==> flow/design.v <==
module my_mpy_blk #(
  parameter int WD = 22
) (
  input  logic ck,
  input  logic rstn,
  input  logic [WD-1:0] arg0,
  input  logic [WD-1:0] arg1,
  output logic [WD-1:0] res
);
  logic [WD-1:0] arg0_r;
  logic [WD-1:0] arg1_r;
  always_ff @(posedge ck) begin
    if (~rstn) begin
      arg0_r <= 0;
      arg1_r <= 0;
    end else begin
      arg0_r <= arg0;
      arg1_r <= arg1;
    end
  end
  assign res = arg0_r * arg1_r;
endmodule
-- Step by step through the tools: my_mpy_blk
What the tools print for my_mpy_blk, step after step.
Lines are those of the file above, counted from 1.
Cell names lack the library's common part.
Not given: -
- top: my_mpy_blk
- clock input: ck
- cell library: sky130hd
- library corner: tt_025C_1v80

-- Word level
Yosys after proc, flatten, opt, wreduce and memory -nomap, before mapping. Enables and synchronous resets that opt folds into registers are not counted as muxes. Memory bits, and registers merged into a memory's read port (data or address), are not among the register bits. Print and check cells are not counted. Equal cells are merged and count once.
- noted bits in registers: 44
- cells after elaboration at 3
- $mul: 1
- operators with widths (operator ; count):
    multiplier 22 x 22 -> 22 bit ; 1

-- Longest topological paths
Depth = most cells in a row (Yosys ltp): at word level without a register or memory, in the mapped netlist without a sequential cell, where the memories' decode and read muxes count.
- word-level depth: 1
- ABC_AREA: 0
- gate-level depth with buffers: 22

-- Synthesis result
Source: synth_stat.txt of the flow (Yosys; design flattened, memories mapped). It holds for the ABC_AREA given above (unset counts as 0); a run with the other value may have another netlist.
- cells by type (type ; count ; total area (sq um)):
    fa_1 ; 173 ; 3.46E+03
    and2_1 ; 155 ; 969.68
    ha_1 ; 74 ; 925.888
    dfxtp_1 ; 44 ; 880.845
    inv_1 ; 161 ; 604.33
    nand2_1 ; 150 ; 563.04
    xnor2_1 ; 43 ; 376.611
    clkbuf_1 ; 33 ; 123.869
    xor2_1 ; 10 ; 87.584
    nor2_1 ; 15 ; 56.304
    a21oi_1 ; 11 ; 55.053
    a211oi_2 ; 3 ; 37.536
    o311ai_2 ; 2 ; 32.531
    o21ai_0 ; 6 ; 30.029
    and3_1 ; 4 ; 25.024
    buf_4 ; 3 ; 22.522
    nand3_1 ; 4 ; 20.019
    nor3_1 ; 4 ; 20.019
Not listed: further types 21, cells in them 29.
- cells in the netlist: 924
- mapped area: 0.0085019 sq mm
- sequential part of the area: 0.0008808 sq mm
- flip-flops at 44
- buffer cells: 39

-- Worst setup path after synthesis
Source: OpenSTA report_checks on the synthesized netlist (no wires, ideal clock, input and output delay 20% of the period each), path of least setup slack; recovery checks are left aside. Register names are those of the netlist, which keeps one name where synthesis merged equal registers.
- kind: register to output
- from: register arg1_r[2]
- to: output res[21]
- period at 9.13 ns
- noted output delay: 1.826 ns
- arrival at 5.843 ns
- noted data required time: 7.304 ns
- path slack: 1.461 ns
- delay of the path at 5.843 ns
- driving pins on the path at 21
- noted buffers on the path: 2
- noted synthesis period reached: 7.669 ns
"delay of the path" = arrival - input delay + setup time.
A path that ends at an output port has no setup time.
"driving pins on the path": output pins that drive a net of the path, with the launching flip-flop's if there is one; two outputs of one cell count as two.
"synthesis period reached" = period - worst setup slack (recovery checks aside). The figure is calculated, with input and output delays left at 20% of the set period.
Between the ends stands the longest chain of elaborated cells between them, by number of cells; it is not shown to be the way that was timed. Of several equally long chains one is given.
Each line given opens the expression or statement behind the cell; cells for indexed reads and writes are added by Yosys, which also makes memories of some case tables.
- cells stage by stage: dfxtp_1 clkbuf_1 buf_1 nand2_1 fa_1 fa_1 fa_1 inv_1 fa_1 inv_1 fa_1 inv_1 fa_1 fa_1 ha_1 or3_1 o21ai_0 a21oi_2 a211oi_2 a21oi_1 xnor2_1
- length of the longest elaborated chain at 1
- noted elaborated cells between the ends (all ways): 1
- source lines of those cells at 1
- those cells by class: mul (1)
- ends and longest elaborated chain, after synthesis (element ; RTL line ; RTL):
    start: declaration ; 11 ; logic [WD-1:0] arg1_r;
    start: assignment ; 15 ; arg1_r <= 0;
    start: assignment ; 18 ; arg1_r <= arg1;
    multiplier 22 x 22 -> 22 bit ; 21 ; assign res = arg0_r * arg1_r;
    end: declaration ; 8 ; output logic [WD-1:0] res

-- Worst path after layout
Path of least setup slack in the final report of stored run 2 (OpenROAD, finished layout, wires in). Where an end is a register, its clock arrival counts in the times.
- kind: register to output
- from: register arg0_r[10]
- to: output res[21]
- period at 9.11 ns
- noted output delay: 1.82 ns
- arrival at 6.91 ns
- noted data required time: 7.29 ns
- path slack: 0.38 ns
- driving pins on the path at 22
- noted buffers on the path: 2
Between the ends stands the longest chain of elaborated cells between them, by number of cells; it is not shown to be the way that was timed. Of several equally long chains one is given.
- cells stage by stage: dfxtp_1 clkbuf_2 and2_1 fa_1 fa_1 inv_1 fa_1 inv_1 fa_1 inv_1 fa_1 inv_1 fa_1 fa_1 ha_1 or3_1 o21ai_0 a21oi_2 a211oi_2 a21oi_1 xnor2_1 clkdlybuf4s50_1
- length of the longest elaborated chain at 1
- noted elaborated cells between the ends (all ways): 1
- source lines of those cells at 1
- those cells by class: mul (1)
- ends and longest elaborated chain, post-layout (element ; RTL line ; RTL):
    start: declaration ; 10 ; logic [WD-1:0] arg0_r;
    start: assignment ; 14 ; arg0_r <= 0;
    start: assignment ; 17 ; arg0_r <= arg0;
    multiplier 22 x 22 -> 22 bit ; 21 ; assign res = arg0_r * arg1_r;
    end: declaration ; 8 ; output logic [WD-1:0] res

Subject: flow runs of my_mpy_blk

Hi,

Flow measurements of my_mpy_blk on sky130hd: 3 stored runs with different settings, listed in no order. Input and output delays are each 20% of the period that was set; the output load is 0.01 pF.
By "critical setup path time" is meant the share of the clock period that the worst setup path is allowed (20% is reserved at inputs, 20% at outputs), minus its slack. Clock arrival times at its registers enter into it.
"power" rests on the timing tool's default activity at the inputs, not on a simulated workload.

Stored run 1

==> flow/run.sh <==
#!/bin/bash
# the make line also repeats the synthesis and layout settings of config.mk as NAME=value (left out here)
make -C /OpenROAD-flow-scripts/flow DESIGN_CONFIG=/design/flow/config.mk WORK_HOME=/design/flow/orfs CLKGATE_MAP_FILE= finish
==> flow/config.mk <==
export PLATFORM = sky130hd
export DESIGN_NAME = my_mpy_blk
export DESIGN_NICKNAME = my_mpy_blk
export VERILOG_FILES = /design/flow/design.v
export SDC_FILE = /design/flow/constraint.sdc
export NUM_CORES = 4
export LEC_CHECK = 0
export CAP_MARGIN = 20
export CELL_PAD_IN_SITES_GLOBAL_PLACEMENT = 3
export CORE_MARGIN = 4
export CORE_UTILIZATION = 55
export CTS_CLUSTER_SIZE = 26
export GPL_ROUTABILITY_DRIVEN = 1
export GPL_TIMING_DRIVEN = 1
export HOLD_SLACK_MARGIN = 0.06
export MAX_ROUTING_LAYER = met4
export PLACE_DENSITY = 0.58
export SETUP_SLACK_MARGIN = -0.31
export SLEW_MARGIN = 20
export TNS_END_PERCENT = 55
==> flow/constraint.sdc <==
create_clock -name core_clock -period 5.48 [get_ports {ck}]
set_input_delay 1.0960 -clock core_clock [delete_from_list [all_inputs] [get_ports {ck}]]
set_output_delay 1.0960 -clock core_clock [all_outputs]
set_load 0.01 [all_outputs]

Stored run 1: not finished: placement ended with error GPL-0301.

Stored run 2

==> flow/run.sh <==
#!/bin/bash
# the make line also repeats the synthesis and layout settings of config.mk as NAME=value (left out here)
make -C /OpenROAD-flow-scripts/flow DESIGN_CONFIG=/design/flow/config.mk WORK_HOME=/design/flow/orfs CLKGATE_MAP_FILE= finish
==> flow/config.mk <==
export PLATFORM = sky130hd
export DESIGN_NAME = my_mpy_blk
export DESIGN_NICKNAME = my_mpy_blk
export VERILOG_FILES = /design/flow/design.v
export SDC_FILE = /design/flow/constraint.sdc
export NUM_CORES = 4
export LEC_CHECK = 0
export ABC_AREA = 0
export CAP_MARGIN = 20
export CORE_MARGIN = 2
export CORE_UTILIZATION = 24
export CTS_CLUSTER_DIAMETER = 279
export CTS_CLUSTER_SIZE = 47
export GPL_TIMING_DRIVEN = 0
export MAX_ROUTING_LAYER = met5
export PLACE_DENSITY_LB_ADDON = 0.05
export SLEW_MARGIN = 20
export TNS_END_PERCENT = 25
==> flow/constraint.sdc <==
create_clock -name core_clock -period 9.11 [get_ports {ck}]
set_input_delay 1.8220 -clock core_clock [delete_from_list [all_inputs] [get_ports {ck}]]
set_output_delay 1.8220 -clock core_clock [all_outputs]
set_load 0.01 [all_outputs]

Measured in stored run 2:
- worst hold slack after layout at 2.091 ns
- area of the die at 0.0369466 sq mm
- critical setup path time: 6.91 ns
- critical path type: register to output
- setup slack of the worst path at 0.380 ns
- noted the Yosys chip area after synthesis: 0.0085019 sq mm
- noted the final design utilization: 28.7%
- power: 1.405 mW

Stored run 3

==> flow/run.sh <==
#!/bin/bash
# the make line also repeats the synthesis and layout settings of config.mk as NAME=value (left out here)
make -C /OpenROAD-flow-scripts/flow DESIGN_CONFIG=/design/flow/config.mk WORK_HOME=/design/flow/orfs CLKGATE_MAP_FILE= finish
==> flow/config.mk <==
export PLATFORM = sky130hd
export DESIGN_NAME = my_mpy_blk
export DESIGN_NICKNAME = my_mpy_blk
export VERILOG_FILES = /design/flow/design.v
export SDC_FILE = /design/flow/constraint.sdc
export NUM_CORES = 4
export LEC_CHECK = 0
export CAP_MARGIN = 20
export CORE_MARGIN = 2
export CORE_UTILIZATION = 40
export SLEW_MARGIN = 20
==> flow/constraint.sdc <==
create_clock -name core_clock -period 9.13 [get_ports {ck}]
set_input_delay 1.8260 -clock core_clock [delete_from_list [all_inputs] [get_ports {ck}]]
set_output_delay 1.8260 -clock core_clock [all_outputs]
set_load 0.01 [all_outputs]

Measured in stored run 3:
- worst hold slack after layout at 2.074 ns
- area of the die at 0.022437 sq mm
- critical setup path time: 6.89 ns
- critical path type: register to output
- setup slack of the worst path at 0.418 ns
- noted the Yosys chip area after synthesis: 0.0085019 sq mm
- noted the final design utilization: 45.5%
- power: 1.335 mW

Regards
